==> flow/design.v <==
module gen_addsub_v2 #(
   parameter integer DATA_WIDTH = 32
) (
   input logic CLK,
   input logic nrst,
   input logic [DATA_WIDTH-1:0] rs1_in,
   input logic [DATA_WIDTH-1:0] rs2_in,
   input logic minus_in,
   output logic [DATA_WIDTH-1:0] out_out,
   output logic carry_out
);
   logic [DATA_WIDTH-1:0] rs1_d1;
   always_ff @(posedge CLK or negedge nrst) begin
      if (~nrst) begin
         rs1_d1 <= '0;
      end else begin
         rs1_d1 <= rs1_in;
      end
   end
   logic [DATA_WIDTH-1:0] rs2_d1;
   always_ff @(posedge CLK or negedge nrst) begin
      if (~nrst) begin
         rs2_d1 <= '0;
      end else begin
         rs2_d1 <= rs2_in;
      end
   end
   logic minus_d1;
   always_ff @(posedge CLK or negedge nrst) begin
      if (~nrst) begin
         minus_d1 <= 1'b0;
      end else begin
         minus_d1 <= minus_in;
      end
   end
   logic [DATA_WIDTH-1:0] t2;
   assign t2 = rs2_d1 ^ {DATA_WIDTH{minus_d1}};
   logic [DATA_WIDTH:0] val;
   assign val = rs1_d1 + t2 + minus_d1;
   logic [DATA_WIDTH-1:0] out_d1;
   always_ff @(posedge CLK or negedge nrst) begin
      if (~nrst) begin
         out_d1 <= '0;
      end else begin
         out_d1 <= val[DATA_WIDTH-1:0];
      end
   end
   assign out_out = out_d1;
   logic carry_d1;
   always_ff @(posedge CLK or negedge nrst) begin
      if (~nrst) begin
         carry_d1 <= 1'b0;
      end else begin
         carry_d1 <= val[DATA_WIDTH];
      end
   end
   assign carry_out = carry_d1;
endmodule
; ---- From RTL to reports: gen_addsub_v2
; What the tools print for gen_addsub_v2, step after step.
; Lines are those of the file above, counted from 1.
; Operators carry their Yosys type and port widths (W data, S select, Z words).
; Cell names lack the library's common part.
; The mark n/a stands for no value.
[design]
top = gen_addsub_v2
clk_port = CLK
lib = sky130hd
lib_corner = tt_025C_1v80

; ---- Elaborated design
; Counts by Yosys on the flattened word-level netlist (proc, flatten, opt, wreduce; memories kept). Register bits leave out memories and registers merged into their read ports (data or address); mux counts leave out enables and synchronous resets folded into registers. Print and check cells are left out. Cells with the same type and inputs are merged into one.
[word_totals]
ff_bits = 98
latchBits = 0
ram_bits = 0
romBits = 0
clocked_rd_ports_x_width = 0
mem_count = 0
input_bits = 67
word_cells = 8
[op_classes]
addsub = 2
multipliers = 0
div = 0
compare = 0
eq_ne = 0
n_shift = 0
mux = 0
n_logic = 1
reduce_logical = 0
[ops]
columns = operator, count
row1 = $add A32 B32 Y33, 1
row2 = $add A33 B1 Y33, 1
row3 = $xor A32 B32 Y32, 1

; ---- Logic depth
; Yosys ltp: most cells in a row. Word level: on the elaborated netlist, between registers, memories and ports. Mapped: between sequential cells and ports; inverters and the memories' decode and read muxes count.
[depth]
depth_word = 3
ABC_AREA = 0
mapped_depth = 12
mapped_depth_nobuf = 10

; ---- Netlist
; Yosys stat after the flow's synthesis: flattened, memories mapped to cells. It holds for the ABC_AREA given above (unset counts as 0); a run with the other value may have another netlist.
[synth_totals]
mapped_cells = 405
synth_area_um2 = 4679.5
ffs = 98
buf_cells = 15
[types]
columns = cell_type, count, type_area_um2
row1 = dfrtp_1, 98, 2.45E+03
row2 = ha_1, 34, 425.408
row3 = xor2_1, 39, 341.578
row4 = xnor2_1, 20, 175.168
row5 = a21oi_1, 28, 140.134
row6 = o21ai_0, 17, 85.082
row7 = nor2_1, 22, 82.579
row8 = nand2_1, 21, 78.826
row9 = a21o_1, 8, 60.058
row10 = nand4_1, 9, 56.304
row11 = inv_1, 11, 41.29
row12 = nand3_1, 8, 40.038
row13 = o21a_1, 5, 37.536
row14 = o21bai_1, 5, 37.536
row15 = clkbuf_1, 9, 33.782
row16 = o211ai_1, 4, 30.029
row17 = a21oi_2, 3, 26.275
row18 = a41oi_1, 3, 26.275
; Not listed: further types 42, cells in them 61.

; ---- Path before layout
; OpenSTA on the mapped netlist: ideal clock, no wires. The path of least setup slack (recovery checks aside). Input and output delay are each 20% of the period. Register names are those of the netlist, which keeps one name where synthesis merged equal registers.
[synth_timing]
path_type = register -> register
start = register minus_d1
end = register out_d1[26]
period_ns = 3.59
setup_ns = 0.080
launch_ns = 0.000
t_arrival_ns = 2.796
path_slack_ns = 0.714
path_delay_ns = 2.876
stages = 13
path_buffers = 3
period_less_setup_slack_ns = 2.876
; "path_delay_ns" = arrival - input delay + setup time.
; "stages" counts driving pins, that of a launching flip-flop among them; a cell with two outputs on the path counts twice.
; "period_less_setup_slack_ns" is the clock period less the worst setup slack; recovery checks do not enter. This is arithmetic on one report: input and output delays are still those of the set period (20% each).
; Between the ends stands the longest chain of elaborated cells between them, by number of cells; it is not shown to be the way that was timed. Of several equally long chains one is given.
; Each line given opens the expression or statement behind the cell; cells for indexed reads and writes are added by Yosys, which also makes memories of some case tables.
[synth_via]
cell_sequence = dfrtp_1 -> clkbuf_1 -> clkbuf_1 -> xor2_1 -> ha_1 -> buf_6 -> a21o_1 -> a21o_1 -> nor4_4 -> a21oi_2 -> or3b_1 -> a31oi_1 -> xnor2_1
elab_chain_len = 3
cone_cells = 3
lines_between = 2
cone_classes = add/sub (2); logic (1)
[synth_rtl]
columns = item, line
row1 = from (decl), 28  ; logic minus_d1;
row2 = from (assign), 31  ; minus_d1 <= 1'b0;
row3 = from (assign), 33  ; minus_d1 <= minus_in;
row4 = $xor A32 B32 Y32, 37  ; assign t2 = rs2_d1 ^ {DATA_WIDTH{minus_d1}};
row5 = $add A32 B32 Y33, 39  ; assign val = rs1_d1 + t2 + minus_d1;
row6 = $add A33 B1 Y33, 39
row7 = to (assign), 43  ; out_d1 <= '0;
row8 = to (assign), 45  ; out_d1 <= val[DATA_WIDTH-1:0];
row9 = to (decl), 40  ; logic [DATA_WIDTH-1:0] out_d1;

; ---- Worst path after layout
; Path of least setup slack in the final report of run A (OpenROAD, finished layout, wires in). Where an end is a register, its clock arrival counts in the times.
[layout_timing]
path_type = register -> register
start = register minus_d1
end = register out_d1[30]
period_ns = 3.59
setup_ns = 0.12
launch_ns = 0.33
t_arrival_ns = 3.42
path_slack_ns = 0.39
stages = 11
path_buffers = 2
; Between the ends stands the longest chain of elaborated cells between them, by number of cells; it is not shown to be the way that was timed. Of several equally long chains one is given.
[layout_via]
cell_sequence = dfrtp_1 -> buf_4 -> buf_4 -> xor2_1 -> ha_1 -> nand2_1 -> nor4_1 -> o31a_2 -> o311a_1 -> o31ai_1 -> o311a_1
elab_chain_len = 3
cone_cells = 3
lines_between = 2
cone_classes = add/sub (2); logic (1)
[layout_rtl]
columns = item, line
row1 = from (decl), 28  ; logic minus_d1;
row2 = from (assign), 31  ; minus_d1 <= 1'b0;
row3 = from (assign), 33  ; minus_d1 <= minus_in;
row4 = $xor A32 B32 Y32, 37  ; assign t2 = rs2_d1 ^ {DATA_WIDTH{minus_d1}};
row5 = $add A32 B32 Y33, 39  ; assign val = rs1_d1 + t2 + minus_d1;
row6 = $add A33 B1 Y33, 39
row7 = to (assign), 43  ; out_d1 <= '0;
row8 = to (assign), 45  ; out_d1 <= val[DATA_WIDTH-1:0];
row9 = to (decl), 40  ; logic [DATA_WIDTH-1:0] out_d1;

; gen_addsub_v2 through Yosys and OpenROAD on sky130hd: 2 stored runs, unordered, with their settings and measured results. The constraints put input and output delay at 20% of the set period each and load the outputs with 0.01 pF.
; "clock_period_reached_ns" means the clock period less the worst setup slack. The figure is calculated, with input and output delays left at 20% of the set period.
; "worst_setup_path_time_ns" means the part of the period allowed to the worst setup path (the constraints hold back 20% at inputs and 20% at outputs) less its slack; where the path has registers, the arrival times of their clocks count too.
; "total_power_uw": no workload was simulated; the value follows from the tool's default switching activity.

[run A: settings]
period_ns = 3.59
CAP_MARGIN = 20
CORE_MARGIN = 2
CORE_UTILIZATION = 40
SLEW_MARGIN = 20
[run A: results]
clock_period_reached_ns = 3.202
total_power_uw = 3167
setup_worst_slack_ns = 0.388
total_negative_slack_ns = 0.000
finalCellArea_um2 = 6062.1
synthesis_area_um2 = 4679.5
die_footprint_um2 = 12579.9
worst_setup_path_time_ns = 3.20
critical_path_kind = register -> register
finish.utilization_frac = 0.531

[run B: settings]
period_ns = 1.88
CORE_UTILIZATION = 57
SETUP_SLACK_MARGIN = 0.2
PLACE_DENSITY_LB_ADDON = 0.02
HOLD_SLACK_MARGIN = 0.11
CORE_MARGIN = 6
CELL_PAD_IN_SITES_DETAIL_PLACEMENT = 2
TNS_END_PERCENT = 20
GPL_ROUTABILITY_DRIVEN = 0
SLEW_MARGIN = 30
MIN_ROUTING_LAYER = met1
MAX_ROUTING_LAYER = met5
CAP_MARGIN = 20
[run B: results]
outcome = unfinished; tool error in placement
